==> flow/design.v <==
module mul_unit #(
  parameter DATA_W = 10
) (
  input  clk_i,
  input  clk_en,
  input  [DATA_W-1:0] rs1_in,
  input  [DATA_W-1:0] rs2_in,
  output reg [2*DATA_W-1:0] prod_out
);
  reg [DATA_W-1:0] rs1_r;
  reg [DATA_W-1:0] rs2_r;
  reg [2*DATA_W-1:0] r;
  integer k;
  always @* begin
    r = 0;
    for (k = 0; k < DATA_W; k = k + 1)
      if (rs2_r[k]) r = r + (rs1_r << k);
  end
  always @(posedge clk_i) begin
    if (clk_en) begin
      rs1_r <= rs1_in;
      rs2_r <= rs2_in;
      prod_out <= r;
    end
  end
endmodule
# From RTL to reports: mul_unit
# What the tools print for mul_unit, step after step.
# Lines are those of the file above, counted from 1.
# Operators: Yosys type, input widths -> output width; for muxes data width and select width s.
# Library cell names are shortened.
# A cell with -- has no value.
# setup
design	mul_unit
clock	clk_i
lib	sky130hd
lib_corner	tt_025C_1v80

# Word-level counts
# Yosys after proc, flatten, opt, wreduce and memory -nomap, before mapping. Enables and synchronous resets that opt folds into registers are not counted as muxes. Memory bits, and registers merged into a memory's read port (data or address), are not among the register bits. Print and check cells are not counted. Equal cells are merged and count once.
# classes
n_addsub	9
multipliers	0
div	0
n_cmp	0
n_eq	0
shifts	0
muxes	10
bitwise	0
n_reduce_logical	0
# op_table
operator	n
$mux 20	9
$add 20x11->20	1
$add 20x12->20	1
$add 20x13->20	1
$add 20x14->20	1
$add 20x15->20	1
$add 20x16->20	1
$add 20x17->20	1
$add 20x18->20	1
$add 20x19->20	1
$mux 10	1
# word_totals
register_bits	40
latch_bits	0
ram_bits	0
mem_bits_ro	0
clocked_rd_ports_x_width	0
memories	0
inputBits	22
out_inout_bits	20
wordCells	22

# Longest topological paths
# Longest topological path by Yosys (ltp), each cell counted once; first at word level (registers and memories cut), then after technology mapping (sequential cells cut; the memories' decode and read muxes count).
# depth
depth_word	19
abc_area	0
ltp_mapped	62
ltp_nobuf	61

# Netlist
# Source: synth_stat.txt of the flow (Yosys; design flattened, memories mapped). It holds for the ABC_AREA given above (unset counts as 0); a run with the other value may have another netlist.
# The area totals of this step are shown rounded.
# mapped
mapped_cells	762
synth_area_mm2	0.0063
sequential_area_mm2	0.0012
flip_flops	40
buffers	22
# by_type
cell	n	area_total_um2
edfxtp_1	40	1.2E+03
ha_1	87	1.09E+03
a21oi_1	60	300.288
xnor2_1	29	253.994
nand2_1	66	247.738
o21ai_0	46	230.221
nor2_1	58	217.709
a21o_1	28	210.202
fa_1	9	180.173
mux2_2	16	180.173
inv_1	44	165.158
xor2_1	18	157.651
o21a_1	18	135.13
nor3_1	23	115.11
mux2i_1	10	100.096
nor2b_1	16	100.096
a211oi_1	12	90.086
a31oi_1	11	68.816
# Other cell types: 57; their cells: 171.

# Timing after synthesis
# Path of least setup slack by OpenSTA after synthesis, without wires, with an ideal clock, recovery checks aside; 20% of the period is set as input and as output delay. Where synthesis merged equal registers, the netlist keeps one of their names.
# synth_timing
kind	register to register
from	reg rs1_r[1]
to	reg prod_out[18]
tclk_ns	13.9
setup_ns	0.260
t_first_pin_ns	0.000
arrival_time_ns	10.821
required_ns	13.640
slack_ns	2.820
delay_ns	11.081
path_stages	53
n_path_buf	0
synth_period_reached_ns	11.08
# "delay_ns" = arrival - input delay + setup time.
# "path_stages": output pins that drive a net of the path, with the launching flip-flop's if there is one; two outputs of one cell count as two.
# "synth_period_reached_ns" = period - worst setup slack (recovery checks aside). The figure is calculated, with input and output delays left at 20% of the set period.
# Between the ends stands the longest chain of elaborated cells between them, by number of cells; it is not shown to be the way that was timed. Of several equally long chains one is given.
# Each line given opens the expression or statement behind the cell; cells for indexed reads and writes are added by Yosys, which also makes memories of some case tables.
# synth_via
path_cell_list	edfxtp_1 -> inv_1 -> fa_1 -> nor2b_1 -> o21bai_1 -> and3b_1 -> o31ai_1 -> ha_1 -> o21a_1 -> o31a_1 -> or4_1 -> o2111ai_1 -> o21ai_2 -> ha_1 -> or3_1 -> a21oi_1 -> a21oi_1 -> xor2_1 -> [... 17 more ...] -> a41oi_1 -> xnor2_1 -> mux2_2 -> ha_1 -> a21o_1 -> a41oi_1 -> mux2i_1 -> or2_1 -> ha_1 -> a21o_1 -> a31oi_1 -> mux2i_1 -> or2_2 -> ha_1 -> a21o_1 -> a31oi_1 -> xnor2_1 -> mux2_2
elab_chain_len	19
cone_cells	19
lines_between	1
cone_classes	add/sub (9); mux (10)
# synth_lines
element	line	source
from (decl)	10	reg [DATA_W-1:0] rs1_r;
from (assign)	21	rs1_r <= rs1_in;
$mux 10	17	if (rs2_r[k]) r = r + (rs1_r << k);
$add 20x11->20	17
$mux 20	17
$add 20x12->20	17
$mux 20	17
$add 20x13->20	17
$mux 20	17
[... 5 more ...]	--
$mux 20	17
$add 20x17->20	17
$mux 20	17
$add 20x18->20	17
$mux 20	17
$add 20x19->20	17
$mux 20	17
to (assign)	23	prod_out <= r;
to (decl)	8	output reg [2*DATA_W-1:0] prod_out

# Path in the finished layout
# Path of least setup slack in the final report of run 1 (OpenROAD, finished layout, wires in). Where an end is a register, its clock arrival counts in the times.
# layout_timing
kind	register to register
from	reg rs1_r[1]
to	reg prod_out[17]
tclk_ns	13.9
setup_ns	0.24
t_first_pin_ns	0.30
arrival_time_ns	13.02
required_ns	13.96
slack_ns	0.93
path_stages	59
n_path_buf	1
# Between the ends stands the longest chain of elaborated cells between them, by number of cells; it is not shown to be the way that was timed. Of several equally long chains one is given.
# layout_via
path_cell_list	edfxtp_1 -> inv_1 -> buf_4 -> fa_1 -> nor2b_1 -> o21bai_1 -> a21oi_1 -> o21ai_0 -> a31oi_2 -> inv_1 -> ha_1 -> or2_2 -> and2_1 -> o21bai_1 -> xor2_1 -> a21oi_1 -> ha_1 -> o21a_1 -> [... 23 more ...] -> ha_1 -> or3_1 -> o21ai_0 -> a21oi_1 -> mux2i_1 -> nor3_1 -> inv_1 -> ha_1 -> a21o_1 -> or3_1 -> nand2_1 -> a21oi_1 -> ha_1 -> nand2_1 -> o21ai_0 -> xnor2_1 -> nand2_1 -> o31a_1
elab_chain_len	19
cone_cells	19
lines_between	1
cone_classes	add/sub (9); mux (10)
# layout_lines
element	line	source
from (decl)	10	reg [DATA_W-1:0] rs1_r;
from (assign)	21	rs1_r <= rs1_in;
$mux 10	17	if (rs2_r[k]) r = r + (rs1_r << k);
$add 20x11->20	17
$mux 20	17
$add 20x12->20	17
$mux 20	17
$add 20x13->20	17
$mux 20	17
[... 5 more ...]	--
$mux 20	17
$add 20x17->20	17
$mux 20	17
$add 20x18->20	17
$mux 20	17
$add 20x19->20	17
$mux 20	17
to (assign)	23	prod_out <= r;
to (decl)	8	output reg [2*DATA_W-1:0] prod_out

# Measured results for mul_unit: 2 stored runs of the Yosys and OpenROAD flow on sky130hd. The settings differ; the order carries no meaning. The constraints put input and output delay at 20% of the set period each and load the outputs with 0.01 pF.
# By "clock_period_reached_ns" is meant the clock period of the run minus its worst setup slack. This is arithmetic on one report: input and output delays are still those of the set period (20% each).
# By "timing.worst_path_ns" is meant the share of the clock period that the worst setup path is allowed (20% is reserved at inputs, 20% at outputs), minus its slack. Clock arrival times at its registers enter into it.
# "fin_power_uw" rests on the timing tool's default activity at the inputs, not on a simulated workload.
# Measured values are rounded.
# A setting shown as - is not set for that run.
# Results: - = not shown.
run	period_ns	CAP_MARGIN	CORE_MARGIN	CORE_UTILIZATION	SLEW_MARGIN	SETUP_SLACK_MARGIN	HOLD_SLACK_MARGIN	CORE_ASPECT_RATIO	CELL_PAD_IN_SITES_GLOBAL_PLACEMENT	CELL_PAD_IN_SITES_DETAIL_PLACEMENT	TNS_END_PERCENT	GPL_TIMING_DRIVEN	GPL_ROUTABILITY_DRIVEN	MAX_ROUTING_LAYER	yosys_chip_area_mm2	design.die.area_mm2	finalCellArea_mm2	fin_util_pct	timing.setup.ws_ns	tns_ns	worst_hold_slack_ns	fin_power_uw	clock_period_reached_ns	timing.worst_path_ns	timing.worst_path_kind
run 1	13.9	20	2	40	20	-	-	-	-	-	-	-	-	-	0.0063	0.017	0.0071	46	0.93	0.000	0.63	2100	12.966	12.97	register to register
run 2	12.5	20	8	62	20	2.82	-0.05	0.91	2	1	25	1	1	met5	-	-	-	-	-	-	-	-	-	-	-
# Run 2: not finished: placement ended with error GPL-0301
